==> flow/design.v <==
module alu_comparator_mod #(
  parameter DW = 24
) (
  input  logic clock,
  input  logic RSTN,
  input  logic [DW-1:0] u,
  input  logic [DW-1:0] v,
  input  logic [DW-1:0] w,
  output logic [DW-1:0] o
);
  logic [DW-1:0] u_s;
  always_ff @(posedge clock or negedge RSTN) begin
    if (!RSTN) begin
      u_s <= '0;
    end else begin
      u_s <= u;
    end
  end
  logic [DW-1:0] v_s;
  always_ff @(posedge clock or negedge RSTN) begin
    if (!RSTN) begin
      v_s <= '0;
    end else begin
      v_s <= v;
    end
  end
  logic [DW-1:0] w_s;
  always_ff @(posedge clock or negedge RSTN) begin
    if (!RSTN) begin
      w_s <= '0;
    end else begin
      w_s <= w;
    end
  end
  assign o = (u_s < v_s) ? v_s : (u_s > w_s) ? w_s : u_s;
endmodule
* From RTL to reports: alu_comparator_mod *
Tool output for the design above, in the order of the flow.
Line numbers count from 1 in the design file above.
A cell with n/a has no value.

design
  top = alu_comparator_mod
  clock input = clock
  cell library = sky130hd
  corner = tt_025C_1v80

* Elaborated design *
Counts by Yosys on the flattened word-level netlist (proc, flatten, opt, wreduce; memories kept). Register bits leave out memories and registers merged into their read ports (data or address); mux counts leave out enables and synchronous resets folded into registers. Print and check cells are left out. Cells with the same type and inputs are merged into one.

word-level totals
  input port bits = 74
  output and inout port bits = 24
  latch bits = 0
  word width x clocked read ports = 0
  memory bits (writable) = 0
  flip-flop bits (word level) = 72
  memory bits (read-only) = 0
  memories kept = 0
  cells after elaboration = 7

operators by class
  equality and inequality tests = 0
  multiply operators = 0
  magnitude comparators = 2
  divide/modulo/power cells = 0
  $add $sub $neg = 0
  reductions and logical operators = 0
  mux-type cells = 2
  shifts and indexed selects = 0
  bitwise gates (word level) = 0

operators with widths
  operator                     count
  two-way mux 24 bit           2
  > comparator 24 bit          1
  less-than comparator 24 bit  1

* Logic depth *
Depth = most cells in a row (Yosys ltp): at word level without a register or memory, in the mapped netlist without a sequential cell, where the memories' decode and read muxes count.

logic depth
  word-level depth = 3
  ABC_AREA = 0
  mapped depth = 10
  mapped depth without buffers = 8

* Netlist *
Yosys stat after the flow's synthesis: flattened, memories mapped to cells. It holds for the ABC_AREA given above (unset counts as 0); a run with the other value may have another netlist.

cell types
  type                       count  area in all (um^2)
  sky130_fd_sc_hd__dfrtp_1   72     1.8E+03
  sky130_fd_sc_hd__ha_1      47     588.064
  sky130_fd_sc_hd__mux2i_1   23     230.221
  sky130_fd_sc_hd__a32oi_1   23     201.443
  sky130_fd_sc_hd__a21oi_1   39     195.187
  sky130_fd_sc_hd__inv_1     49     183.926
  sky130_fd_sc_hd__nand4_1   7      43.792
  sky130_fd_sc_hd__buf_2     8      40.038
  sky130_fd_sc_hd__nand2_1   10     37.536
  sky130_fd_sc_hd__a221o_1   3      30.029
  sky130_fd_sc_hd__and4_1    3      26.275
  sky130_fd_sc_hd__nand3_1   5      25.024
  sky130_fd_sc_hd__o21ai_0   5      25.024
  sky130_fd_sc_hd__o31ai_4   1      21.27
  sky130_fd_sc_hd__and3_1    3      18.768
  sky130_fd_sc_hd__clkbuf_1  5      18.768
  sky130_fd_sc_hd__a211o_1   2      17.517
  sky130_fd_sc_hd__a21o_1    2      15.014

Not listed: further types 14, cells in them 17.

synthesis totals
  area of sequential cells = 0.0018017 mm^2
  flip-flops = 72
  buffer cells = 13
  synthesis area = 0.003661 mm^2
  cell count = 324

* Path before layout *
Source: OpenSTA report_checks on the synthesized netlist (no wires, ideal clock, input and output delay 20% of the period each), path of least setup slack; recovery checks are left aside. Register names are those of the netlist, which keeps one name where synthesis merged equal registers.

timing after synthesis
  path type = flip-flop to output port
  start point = register u_s[3]
  end point = output port o[0]
  arrival time = 2190 ps
  buffers on the path = 0
  output delay = 684 ps
  setup slack = 546 ps
  stages = 8
  clock period = 3420 ps
  data required time = 2736 ps
  path delay = 2190 ps
  time at the first pin = 0 ps
  synthesis period reached = 2874 ps

"path delay" is the arrival time less input delay plus setup time.
A path that ends at an output port has no setup time.
"stages": output pins that drive a net of the path, with the launching flip-flop's if there is one; two outputs of one cell count as two.
"synthesis period reached" is the clock period less the worst setup slack; recovery checks do not enter. This is arithmetic on one report: input and output delays are still those of the set period (20% each).
The rows between start and end are the longest chain of elaborated cells between them; the timing report does not say that the signal goes this way. Where chains are equally long, one stands for them.
A line is the first line of the expression or statement that the cell stems from. Yosys adds cells for indexed reads and writes and turns some case tables into memories.

between the ends, after synthesis
  path through = sky130_fd_sc_hd__dfrtp_1 sky130_fd_sc_hd__ha_1 sky130_fd_sc_hd__and3_1 sky130_fd_sc_hd__a221oi_2 sky130_fd_sc_hd__o221ai_2 sky130_fd_sc_hd__a221o_1 sky130_fd_sc_hd__a32o_1 sky130_fd_sc_hd__mux2_2
  length of the longest elaborated chain = 3
  elaborated cells between the ends (all ways) = 4
  RTL lines with such cells = 1
  classes of those cells = 2 x compare; 2 x mux

ends and longest elaborated chain, after synthesis
  element                          line  RTL
  start, declared                  11    logic [DW-1:0] u_s;
  start, assigned                  14    u_s <= '0;
  start, assigned                  16    u_s <= u;
  > comparator 24 bit              35    assign o = (u_s < v_s) ? v_s : (u_s > w_s) ? w_s : u_s;
  two-way mux 24 bit (2 in a row)  35
  end, declared                    9     output logic [DW-1:0] o

* Worst path after layout *
Path of least setup slack in the final report of run 2 (OpenROAD, finished layout, wires in). Where an end is a register, its clock arrival counts in the times.
The path's times are printed in steps of 10 ps; the period is the one set.

timing post-layout
  path type = flip-flop to output port
  start point = register u_s[2]
  end point = output port o[12]
  buffers on the path = 4
  time at the first pin = 350 ps
  arrival time = 2830 ps
  data required time = 2740 ps
  output delay = 680 ps
  clock period = 3420 ps
  setup slack = -100 ps
  stages = 12

The rows between start and end are the longest chain of elaborated cells between them; the timing report does not say that the signal goes this way. Where chains are equally long, one stands for them.

between the ends, post-layout
  path through = sky130_fd_sc_hd__dfrtp_1 sky130_fd_sc_hd__buf_6 sky130_fd_sc_hd__ha_4 sky130_fd_sc_hd__a211o_1 sky130_fd_sc_hd__a31oi_2 sky130_fd_sc_hd__o31ai_4 sky130_fd_sc_hd__a21oi_2 sky130_fd_sc_hd__o31ai_4 sky130_fd_sc_hd__buf_6 sky130_fd_sc_hd__buf_4 sky130_fd_sc_hd__mux2i_1 sky130_fd_sc_hd__buf_2
  length of the longest elaborated chain = 3
  elaborated cells between the ends (all ways) = 4
  RTL lines with such cells = 1
  classes of those cells = 2 x compare; 2 x mux

ends and longest elaborated chain, post-layout
  element                          line  RTL
  start, declared                  11    logic [DW-1:0] u_s;
  start, assigned                  14    u_s <= '0;
  start, assigned                  16    u_s <= u;
  > comparator 24 bit              35    assign o = (u_s < v_s) ? v_s : (u_s > w_s) ? w_s : u_s;
  two-way mux 24 bit (2 in a row)  35
  end, declared                    9     output logic [DW-1:0] o

--- measured runs ---
Top module alu_comparator_mod; platform sky130hd; tools Yosys and OpenROAD; 2 stored runs in no particular order. Input and output delays are each 20% of the period that was set; the output load is 0.01 pF.
"period achieved": clock period set for the run, less the worst setup slack. It is reckoned from that one timing run; input and output delays stay at 20% of the period that was set.
"time of the worst setup path" is the time allowed to the run's worst setup path (the clock period less input and output delay, where it has them) less its slack. Clock arrival times count: a late capture clock shortens it, a late launch clock lengthens it.
"total power after layout" is the tool's figure for a default switching activity; nothing was simulated.
"time of the worst setup path" is known to 10 ps.
Settings: n/a = not set for that run.
Results: n/a = not shown.

setting or result                     run 1  run 2
period_ns                             4.7    3.42
CORE_UTILIZATION                      62     40
SETUP_SLACK_MARGIN                    -0.0   n/a
PLACE_DENSITY_LB_ADDON                0.08   n/a
CORE_ASPECT_RATIO                     0.69   n/a
CORE_MARGIN                           9      2
CELL_PAD_IN_SITES_GLOBAL_PLACEMENT    2      n/a
GPL_ROUTABILITY_DRIVEN                1      n/a
MAX_ROUTING_LAYER                     met5   n/a
CAP_MARGIN                            20     20
SLEW_MARGIN                           20     20
total negative setup slack (ps)       n/a    -1006
period achieved (ps)                  n/a    3516
chip area in the Yosys report (mm^2)  n/a    0.003661
time of the worst setup path (ps)     n/a    2830
worst path kind                       n/a    flip-flop to output port
post-route utilization (%)            n/a    63.1
area of the die (mm^2)                n/a    0.0099341
worst slack on setup checks (ps)      n/a    -96
total power after layout (uW)         n/a    2148
std-cell area (final layout) (mm^2)   n/a    0.0055528

Run 1: not finished: placement ended with error FLW-0024
--- end ---
